==> flow/design.v <==
module reg_file_p (i_clk, wen, write_addr, wr_data, rsel, read_data);
   parameter NUM_REGS = 96;
   parameter XLEN = 2;
   parameter N_READ = 2;
   localparam ADDR_W = $clog2(NUM_REGS);
   input i_clk;
   input wen;
   input [ADDR_W-1:0] write_addr;
   input [XLEN-1:0] wr_data;
   input [N_READ*ADDR_W-1:0] rsel;
   output [N_READ*XLEN-1:0] read_data;
   reg [XLEN-1:0] rf [0:NUM_REGS-1];
   always @(posedge i_clk) begin
      if (wen)
         rf[write_addr] <= wr_data;
   end
   wire [N_READ*XLEN-1:0] r;
   genvar m;
   generate
      for (m = 0; m < N_READ; m = m + 1) begin : stage
         assign r[m*XLEN +: XLEN] = rf[rsel[m*ADDR_W +: ADDR_W]];
      end
   endgenerate
   assign read_data = r;
endmodule
# --- Reports on reg_file_p ---
# Tool output for the members of one design family, told apart by "XLEN", in the order of the flow.
# The RTL above is that of XLEN = 2; lines are counted from 1 in the file of the member named.
# Cell names lack the library's common part.
design:
  top: "reg_file_p"
  clock_port: "i_clk"
  library: "sky130hd"
  lib_corner: "tt_025C_1v80"

# --- Members of the sweep ---
# Lines of each other member's file that are new or changed against the file above; lines that a member lacks are not shown.
src_changes:
  columns: ["XLEN", "line", "source"]
  rows:
  - [4, 3, "parameter XLEN = 4;"]
  - [10, 3, "parameter XLEN = 10;"]
  - [16, 3, "parameter XLEN = 16;"]

# --- After elaboration ---
# Source: Yosys, flattened and elaborated, memories not mapped. Widths are those after wreduce; folded enables and synchronous resets count as part of the registers. Registers that Yosys merges into a memory's read port (data or address) are not register bits. Print and check cells do not count. Equal cells are merged and count once.
# Yosys's memory passes give these memory sizes; they may raise the number of words (mostly to a power of two), join words into wider ones and drop unused or constant bits.
classes:
  columns: ["XLEN", "n_mux"]
  rows:
  - [2, 3]
  - [4, 3]
  - [10, 3]
  - [16, 3]
ops:
  columns: ["XLEN", "operators"]
  rows:
  - [2, "1 x 7-bit 2-to-1 mux; 1 x 2-bit 2-to-1 mux; 1 x 1-bit 2-to-1 mux"]
  - [4, "1 x 7-bit 2-to-1 mux; 1 x 4-bit 2-to-1 mux; 1 x 1-bit 2-to-1 mux"]
  - [10, "1 x 10-bit 2-to-1 mux; 1 x 7-bit 2-to-1 mux; 1 x 1-bit 2-to-1 mux"]
  - [16, "1 x 16-bit 2-to-1 mux; 1 x 7-bit 2-to-1 mux; 1 x 1-bit 2-to-1 mux"]
bits:
  columns: ["XLEN", "ff_bits", "ramBits", "n_memories", "input_bits"]
  rows:
  - [2, 0, 192, 1, 25]
  - [4, 0, 384, 1, 27]
  - [10, 0, 960, 1, 33]
  - [16, 0, 1536, 1, 39]
mem_list:
  columns: ["XLEN", "mem_shapes"]
  rows:
  - [2, "rf 96 x 2 bit 2R1W"]
  - [4, "rf 96 x 4 bit 2R1W"]
  - [10, "rf 96 x 10 bit 2R1W"]
  - [16, "rf 96 x 16 bit 2R1W"]

# --- Logic depth ---
# Yosys ltp: most cells in a row. Word level: on the elaborated netlist, between registers, memories and ports. Mapped: between sequential cells and ports; inverters and the memories' decode and read muxes count.
logic_depth:
  columns: ["XLEN", "ltp_word", "ABC_AREA", "depth_mapped", "ltp_nobuf"]
  rows:
  - [2, 1, 0, 9, 5]
  - [4, 1, 0, 10, 5]
  - [10, 1, 0, 10, 5]
  - [16, 1, 0, 10, 5]

# --- Mapped cells and area ---
# Source: synth_stat.txt of the flow (Yosys; design flattened, memories mapped). It holds for the ABC_AREA given above (unset counts as 0); a run with the other value may have another netlist.
# Totals and module areas in this step are rounded.
synth_totals:
  columns: ["XLEN", "stdcells", "area_um2", "flip_flops"]
  rows:
  - [2, 615, 9620, 192]
  - [4, 1038, 18600, 384]
  - [10, 2276, 44900, 960]
  - [16, 3449, 70700, 1536]
by_type:
  columns: ["XLEN", "type_list"]
  rows:
  - [2, "192 x edfxtp_1; 82 x mux4_2; 40 x mux2i_1; 102 x nor2_1; 23 x a22oi_1; 25 x nand3_1; 20 x nor2b_1; 29 x nand2_1; 16 x buf_2; 10 x nand4_1; 14 x clkbuf_1; 2 x mux4_1; 8 x nor3_1; 5 x buf_4; 3 x buf_6; 5 x nand2b_1; 6 x a21oi_1; 3 x a311oi_1; (+30)"]
  - [4, "384 x edfxtp_1; 181 x mux4_2; 114 x nor2_1; 31 x mux2i_1; 11 x mux4_1; 39 x buf_2; 25 x nor2b_1; 13 x mux2_2; 18 x o22ai_1; 21 x nand3_1; 26 x nand2_1; 17 x nor3_1; 11 x a211oi_1; 11 x a22oi_1; 13 x nand2b_1; 14 x o21ai_0; 6 x buf_6; 8 x o211ai_1; (+95)"]
  - [10, "960 x edfxtp_1; 487 x mux4_2; 81 x mux2i_1; 130 x nor2_1; 48 x buf_4; 92 x nand2_1; 44 x a22oi_1; 53 x buf_2; 41 x nand3_1; 31 x o22ai_1; 22 x o221ai_1; 48 x clkbuf_1; 34 x o21ai_0; 14 x mux2_2; 13 x buf_6; 23 x nor2b_1; 16 x o211ai_1; 10 x a221oi_1; (+129)"]
  - [16, "1536 x edfxtp_1; 788 x mux4_2; 120 x mux2i_1; 94 x a22oi_1; 84 x o22ai_1; 138 x nor2_1; 101 x buf_2; 92 x clkbuf_1; 66 x nand3_1; 42 x buf_4; 33 x o221ai_1; 76 x nand2_1; 53 x a21oi_1; 30 x o211ai_1; 23 x nor2b_1; 16 x a211oi_1; 10 x buf_6; 11 x o2111ai_1; (+136)"]
# The mark (+n) counts cells that are not listed.

# --- Path before layout ---
# Source: OpenSTA report_checks on the synthesized netlist (no wires, ideal clock, input and output delay 20% of the period each), path of least setup slack; recovery checks are left aside. Register names are those of the netlist, which keeps one name where synthesis merged equal registers.
synth_path:
  columns: ["XLEN", "path_type", "from", "to", "clock_period_ns", "path_slack_ns", "path_stages", "delay_ns", "synth_period_reached_ns"]
  rows:
  - [2, "input to output", "input port rsel[0]", "output port read_data[1]", 3.04, 0.363, 7, 1.461, 2.677]
  - [4, "input to output", "input port rsel[8]", "output port read_data[6]", 3.7, 0.445, 8, 1.775, 3.255]
  - [10, "input to output", "input port rsel[0]", "output port read_data[2]", 3.44, 0.411, 7, 1.653, 3.029]
  - [16, "input to output", "input port rsel[1]", "output port read_data[14]", 3.6, 0.433, 8, 1.727, 3.167]
# "delay_ns" is the arrival time less input delay plus setup time.
# A path that ends at an output port has no setup time.
# "path_stages": output pins that drive a net of the path, with the launching flip-flop's if there is one; two outputs of one cell count as two.
# "synth_period_reached_ns" is the clock period less the worst setup slack; recovery checks do not enter. This is arithmetic on one report: input and output delays are still those of the set period (20% each).
# Between the ends stands the longest chain of elaborated cells between them, by number of cells; it is not shown to be the way that was timed. Of several equally long chains one is given.
# A line is the first line of the expression or statement that the cell stems from. Yosys adds cells for indexed reads and writes and turns some case tables into memories.
# The chain passes a memory read, where the word-level depth is cut; so it can be longer than that depth.
synth_via_XLEN_2:
  elab_chain_cells: 1
synth_rtl_XLEN_2:
  columns: ["element", "line", "source"]
  rows:
  - ["from (decl)", 10, "input [N_READ*ADDR_W-1:0] rsel;"]
  - ["memory 96 x 2 bit", 12, "reg [XLEN-1:0] rf [0:NUM_REGS-1];"]
  - ["to (decl)", 11, "output [N_READ*XLEN-1:0] read_data;"]
synth_via_XLEN_16:
  elab_chain_cells: 1
synth_rtl_XLEN_16:
  columns: ["element", "line", "source"]
  rows:
  - ["from (decl)", 10, "input [N_READ*ADDR_W-1:0] rsel;"]
  - ["memory 96 x 16 bit", 12, "reg [XLEN-1:0] rf [0:NUM_REGS-1];"]
  - ["to (decl)", 11, "output [N_READ*XLEN-1:0] read_data;"]

# --- Timing after layout ---
# From the final timing report of the run of each member: the path of least setup slack in the routed layout; clock arrival at registers is part of the times.
layout_path:
  columns: ["XLEN", "path_type", "from", "to", "clock_period_ns", "path_slack_ns", "path_stages", "arrival_ns", "n_path_buf"]
  rows:
  - [2, "input to output", "input port rsel[9]", "output port read_data[2]", 3.04, 0.02, 7, 2.41, 2]
  - [4, "input to output", "input port rsel[1]", "output port read_data[2]", 3.7, 0.04, 8, 2.92, 4]
  - [10, "input to output", "input port rsel[3]", "output port read_data[5]", 3.44, -0.23, 9, 2.98, 4]
  - [16, "register to output", "memory rf[14][4]", "output port read_data[20]", 3.6, -0.81, 7, 3.69, 2]

# --- Measured runs ---
# Settings and results of one run of the flow (Yosys, OpenROAD) for each member follow. The constraints put input and output delay at 20% of the set period each and load the outputs with 0.01 pF.
flow_settings:
  CAP_MARGIN: 20
  CORE_MARGIN: 2
  CORE_UTILIZATION: 40
  SLEW_MARGIN: 20
settings_diff:
  columns: ["XLEN", "period_ns"]
  rows:
  - [2, 3.04]
  - [4, 3.7]
  - [10, 3.44]
  - [16, 3.6]
results:
  columns: ["XLEN", "post_synth_area_um2", "design_die_area_um2", "util_pct", "setup_worst_slack_ns", "final_setup_tns_ns", "ws_hold_ns", "clock_period_reached_ns"]
  rows:
  - [2, 9620, 25300, 49.6, 0.018, 0.000, 0.738, 3.022]
  - [4, 18600, 48300, 49.1, 0.041, 0.000, 0.803, 3.659]
  - [10, 44900, 115000, 51.0, -0.227, -2.13, 0.477, 3.667]
  - [16, 70700, 180000, 50.4, -0.814, -4.44, 0.343, 4.414]
# "clock_period_reached_ns" means the clock period less the worst setup slack. The figure is calculated, with input and output delays left at 20% of the set period.
# The measured numbers are rounded.
